==> flow/design.v <==
module dp_cmp_unit_rtl #(
    parameter integer DWIDTH = 48
) (
    input  wire clk_i,
    input  wire [DWIDTH-1:0] a_i,
    input  wire [DWIDTH-1:0] b_i,
    output wire less_o,
    output wire eq_o
);
    reg [DWIDTH-1:0] r_a;
    reg [DWIDTH-1:0] r_b;
    always @(posedge clk_i) begin
        r_a <= a_i;
        r_b <= b_i;
    end
    wire [DWIDTH:0] r = {1'b0, r_a} - {1'b0, r_b};
    assign less_o = r[DWIDTH];
    assign eq_o = ~|r[DWIDTH-1:0];
endmodule
; ---- From RTL to reports: dp_cmp_unit_rtl
; What the tools print for dp_cmp_unit_rtl, step after step.
; Line numbers count from 1 in the design file above.
; Cell names lack the library's common part.
; A cell with -- has no value.
[design]
design = dp_cmp_unit_rtl
clock = clk_i
cell_library = sky130hd
corner = tt_025C_1v80

; ---- Elaborated design
; Yosys after proc, flatten, opt, wreduce and memory -nomap, before mapping. Enables and synchronous resets that opt folds into registers are not counted as muxes. Memory bits, and registers merged into a memory's read port (data or address), are not among the register bits. Print and check cells are not counted. Equal cells are merged and count once.
[word_totals]
reg_bits = 96
out_inout_bits = 2
[classes]
n_addsub = 1
reduce_and_logical = 2
[op_table]
columns = op, count
row1 = 48-bit by 48-bit subtractor with 49-bit output, 1
row2 = 48-bit OR reduction, 1
row3 = 1-bit logical NOT, 1

; ---- Logic depth
; Depth = most cells in a row (Yosys ltp): at word level without a register or memory, in the mapped netlist without a sequential cell, where the memories' decode and read muxes count.
[depth]
depth_word = 3
ABC_AREA = 0
mapped_depth = 14
depth_no_buf = 14

; ---- Netlist
; The flow's flattened synthesis, as Yosys stat reports it; memories are mapped. The netlist is that of the ABC_AREA named above (0 if unset); the other value can give another one.
; Totals and module areas in this step are rounded.
[by_type]
columns = type, count, area_total_um2
row1 = dfxtp_1, 96, 1.92E+03
row2 = ha_1, 48, 600.576
row3 = a21oi_1, 58, 290.278
row4 = inv_1, 61, 228.97
row5 = nor2_1, 55, 206.448
row6 = nand2_1, 50, 187.68
row7 = o21ai_0, 30, 150.144
row8 = nand4_1, 22, 137.632
row9 = xnor2_1, 14, 122.618
row10 = buf_4, 14, 105.101
row11 = a21o_1, 12, 90.086
row12 = xor2_1, 9, 78.826
row13 = a211oi_1, 9, 67.565
row14 = a31oi_1, 10, 62.56
row15 = nand2b_1, 10, 62.56
row16 = mux2i_1, 6, 60.058
row17 = o21a_1, 8, 60.058
row18 = o21bai_1, 7, 52.55
; Not listed: further types 54, cells in them 129.
[synth_totals]
sequential_area_um2 = 1920
synth_area_um2 = 5480
ff_cells = 96
mapped_cells = 648
buffers = 30

; ---- Timing after synthesis
; Source: OpenSTA report_checks on the synthesized netlist (no wires, ideal clock, input and output delay 20% of the period each), path of least setup slack; recovery checks are left aside. Register names are those of the netlist, which keeps one name where synthesis merged equal registers.
[synth_timing]
path_kind = flip-flop to output port
startpoint = reg r_a[0]
endpoint = out eq_o
arrival_ns = 3.789
delay_ns = 3.789
t_required_ns = 4.736
output_delay_ns = 1.184
period_ns = 5.92
driving_pins = 15
slack_ns = 0.947
path_buffers = 0
synth_period_reached_ns = 4.973
; "delay_ns" is the arrival time less input delay plus setup time.
; A path that ends at an output port has no setup time.
; "driving_pins": output pins that drive a net of the path, with the launching flip-flop's if there is one; two outputs of one cell count as two.
; "synth_period_reached_ns" is the clock period less the worst setup slack; recovery checks do not enter. This is arithmetic on one report: input and output delays are still those of the set period (20% each).
; The rows between start and end are the longest chain of elaborated cells between them; the timing report does not say that the signal goes this way. Where chains are equally long, one stands for them.
; A line is the first line of the expression or statement that the cell stems from. Yosys adds cells for indexed reads and writes and turns some case tables into memories.
[synth_between]
path_cell_list = dfxtp_1 > inv_1 > ha_1 > fa_1 > nor2b_1 > o211ai_1 > a21oi_2 > a21oi_2 > a211oi_2 > o22ai_2 > o211a_1 > or4_1 > or4_1 > or4_1 > nor4_2
elab_chain_len = 3
[synth_lines]
columns = element, line_no
row1 = from (decl), 10  ; reg [DWIDTH-1:0] r_a;
row2 = from (assign), 13  ; r_a <= a_i;
row3 = 48-bit by 48-bit subtractor with 49-bit output, 16  ; wire [DWIDTH:0] r = {1'b0, r_a} - {1'b0, r_b};
row4 = 48-bit OR reduction, 18  ; assign eq_o = ~|r[DWIDTH-1:0];
row5 = 1-bit logical NOT, 18
row6 = to (decl), 8  ; output wire eq_o

; ---- Worst path after layout
; From the final timing report of run 2: the path of least setup slack in the routed layout; clock arrival at registers is part of the times.
[layout_timing]
path_kind = flip-flop to output port
startpoint = reg r_b[14]
endpoint = out eq_o
output_delay_ns = 1.18
period_ns = 5.92
path_buffers = 1
t_required_ns = 4.74
slack_ns = 0.16
arrival_ns = 4.58
driving_pins = 15
; The rows between start and end are the longest chain of elaborated cells between them; the timing report does not say that the signal goes this way. Where chains are equally long, one stands for them.
[layout_between]
path_cell_list = dfxtp_1 > inv_1 > ha_1 > a21o_1 > a211o_1 > a221oi_2 > a2bb2oi_1 > and3_4 > o31ai_4 > xnor2_1 > or4_1 > or4_1 > or4_4 > nor4_4 > buf_2
elab_chain_len = 3
[layout_lines]
columns = element, line_no
row1 = from (decl), 11  ; reg [DWIDTH-1:0] r_b;
row2 = from (assign), 14  ; r_b <= b_i;
row3 = 48-bit by 48-bit subtractor with 49-bit output, 16  ; wire [DWIDTH:0] r = {1'b0, r_a} - {1'b0, r_b};
row4 = 48-bit OR reduction, 18  ; assign eq_o = ~|r[DWIDTH-1:0];
row5 = 1-bit logical NOT, 18
row6 = to (decl), 8  ; output wire eq_o

Ticket comment

Record of 3 stored runs of the RTL-to-layout flow on dp_cmp_unit_rtl, platform sky130hd. The runs are unordered. Constraints: input delay and output delay 20% of the set period each, output load 0.01 pF.
"worstPathTime_ns" = time allowed to the worst setup path (clock period - input delay - output delay, where it has them) - its slack; a late launch clock adds to it, a late capture clock takes from it.
By "final_power_uw" is meant OpenSTA's value without simulated activity: inputs other than the clock are taken to toggle once in ten clock periods, and the tool carries that through the logic.
The results are shown rounded.

# run 1
==> flow/run.sh <==
#!/bin/bash
# the make line also repeats the synthesis and layout settings of config.mk as NAME=value (left out here)
make -C /OpenROAD-flow-scripts/flow DESIGN_CONFIG=/design/flow/config.mk WORK_HOME=/design/flow/orfs CLKGATE_MAP_FILE= finish
==> flow/config.mk <==
export PLATFORM = sky130hd
export DESIGN_NAME = dp_cmp_unit_rtl
export DESIGN_NICKNAME = dp_cmp_unit_rtl
export VERILOG_FILES = /design/flow/design.v
export SDC_FILE = /design/flow/constraint.sdc
export NUM_CORES = 4
export LEC_CHECK = 0
export CAP_MARGIN = 35
export CELL_PAD_IN_SITES_DETAIL_PLACEMENT = 1
export CELL_PAD_IN_SITES_GLOBAL_PLACEMENT = 2
export CORE_MARGIN = 2
export CORE_UTILIZATION = 48
export CTS_CLUSTER_DIAMETER = 203
export GPL_ROUTABILITY_DRIVEN = 1
export MAX_ROUTING_LAYER = met4
export PLACE_DENSITY_LB_ADDON = 0.22
export SETUP_SLACK_MARGIN = 0.37
export SLEW_MARGIN = 35
export TNS_END_PERCENT = 20
==> flow/constraint.sdc <==
create_clock -name core_clock -period 2.94 [get_ports {clk_i}]
set_input_delay 0.5880 -clock core_clock [delete_from_list [all_inputs] [get_ports {clk_i}]]
set_output_delay 0.5880 -clock core_clock [all_outputs]
set_load 0.01 [all_outputs]

==> run 1: results <==
outcome="no final report: placement broke off with FLW-0024"

# run 2
==> flow/run.sh <==
#!/bin/bash
# the make line also repeats the synthesis and layout settings of config.mk as NAME=value (left out here)
make -C /OpenROAD-flow-scripts/flow DESIGN_CONFIG=/design/flow/config.mk WORK_HOME=/design/flow/orfs CLKGATE_MAP_FILE= finish
==> flow/config.mk <==
export PLATFORM = sky130hd
export DESIGN_NAME = dp_cmp_unit_rtl
export DESIGN_NICKNAME = dp_cmp_unit_rtl
export VERILOG_FILES = /design/flow/design.v
export SDC_FILE = /design/flow/constraint.sdc
export NUM_CORES = 4
export LEC_CHECK = 0
export CAP_MARGIN = 20
export CORE_MARGIN = 2
export CORE_UTILIZATION = 40
export SLEW_MARGIN = 20
==> flow/constraint.sdc <==
create_clock -name core_clock -period 5.92 [get_ports {clk_i}]
set_input_delay 1.1840 -clock core_clock [delete_from_list [all_inputs] [get_ports {clk_i}]]
set_output_delay 1.1840 -clock core_clock [all_outputs]
set_load 0.01 [all_outputs]

==> run 2: results <==
final_power_uw=1750
setup_ws_ns=0.157
worst_hold_slack_ns=1.26
utilization_pct=53.2
worstPathTime_ns=4.58
timing.worst_path_kind="flip-flop to output port"
synth_chip_area_um2=5480
design_die_area_um2=14700
cell_area_final_um2=7070
tns_setup_ns=0.000

# run 3
==> flow/run.sh <==
#!/bin/bash
# the make line also repeats the synthesis and layout settings of config.mk as NAME=value (left out here)
make -C /OpenROAD-flow-scripts/flow DESIGN_CONFIG=/design/flow/config.mk WORK_HOME=/design/flow/orfs CLKGATE_MAP_FILE= finish
==> flow/config.mk <==
export PLATFORM = sky130hd
export DESIGN_NAME = dp_cmp_unit_rtl
export DESIGN_NICKNAME = dp_cmp_unit_rtl
export VERILOG_FILES = /design/flow/design.v
export SDC_FILE = /design/flow/constraint.sdc
export NUM_CORES = 4
export LEC_CHECK = 0
export ABC_AREA = 1
export CAP_MARGIN = 20
export CORE_ASPECT_RATIO = 0.51
export CORE_MARGIN = 2
export CORE_UTILIZATION = 60
export CTS_CLUSTER_DIAMETER = 304
export CTS_CLUSTER_SIZE = 25
export GPL_ROUTABILITY_DRIVEN = 0
export SETUP_SLACK_MARGIN = -0.06
export SLEW_MARGIN = 25
==> flow/constraint.sdc <==
create_clock -name core_clock -period 8.54 [get_ports {clk_i}]
set_input_delay 1.7080 -clock core_clock [delete_from_list [all_inputs] [get_ports {clk_i}]]
set_output_delay 1.7080 -clock core_clock [all_outputs]
set_load 0.01 [all_outputs]

==> run 3: results <==
worstPathTime_ns=3.50
timing.worst_path_kind="flip-flop to output port"
synth_chip_area_um2=6160
tns_setup_ns=0.000
final_power_uw=1220
setup_ws_ns=3.33
worst_hold_slack_ns=1.80
design_die_area_um2=11100
utilization_pct=76.1
cell_area_final_um2=7600
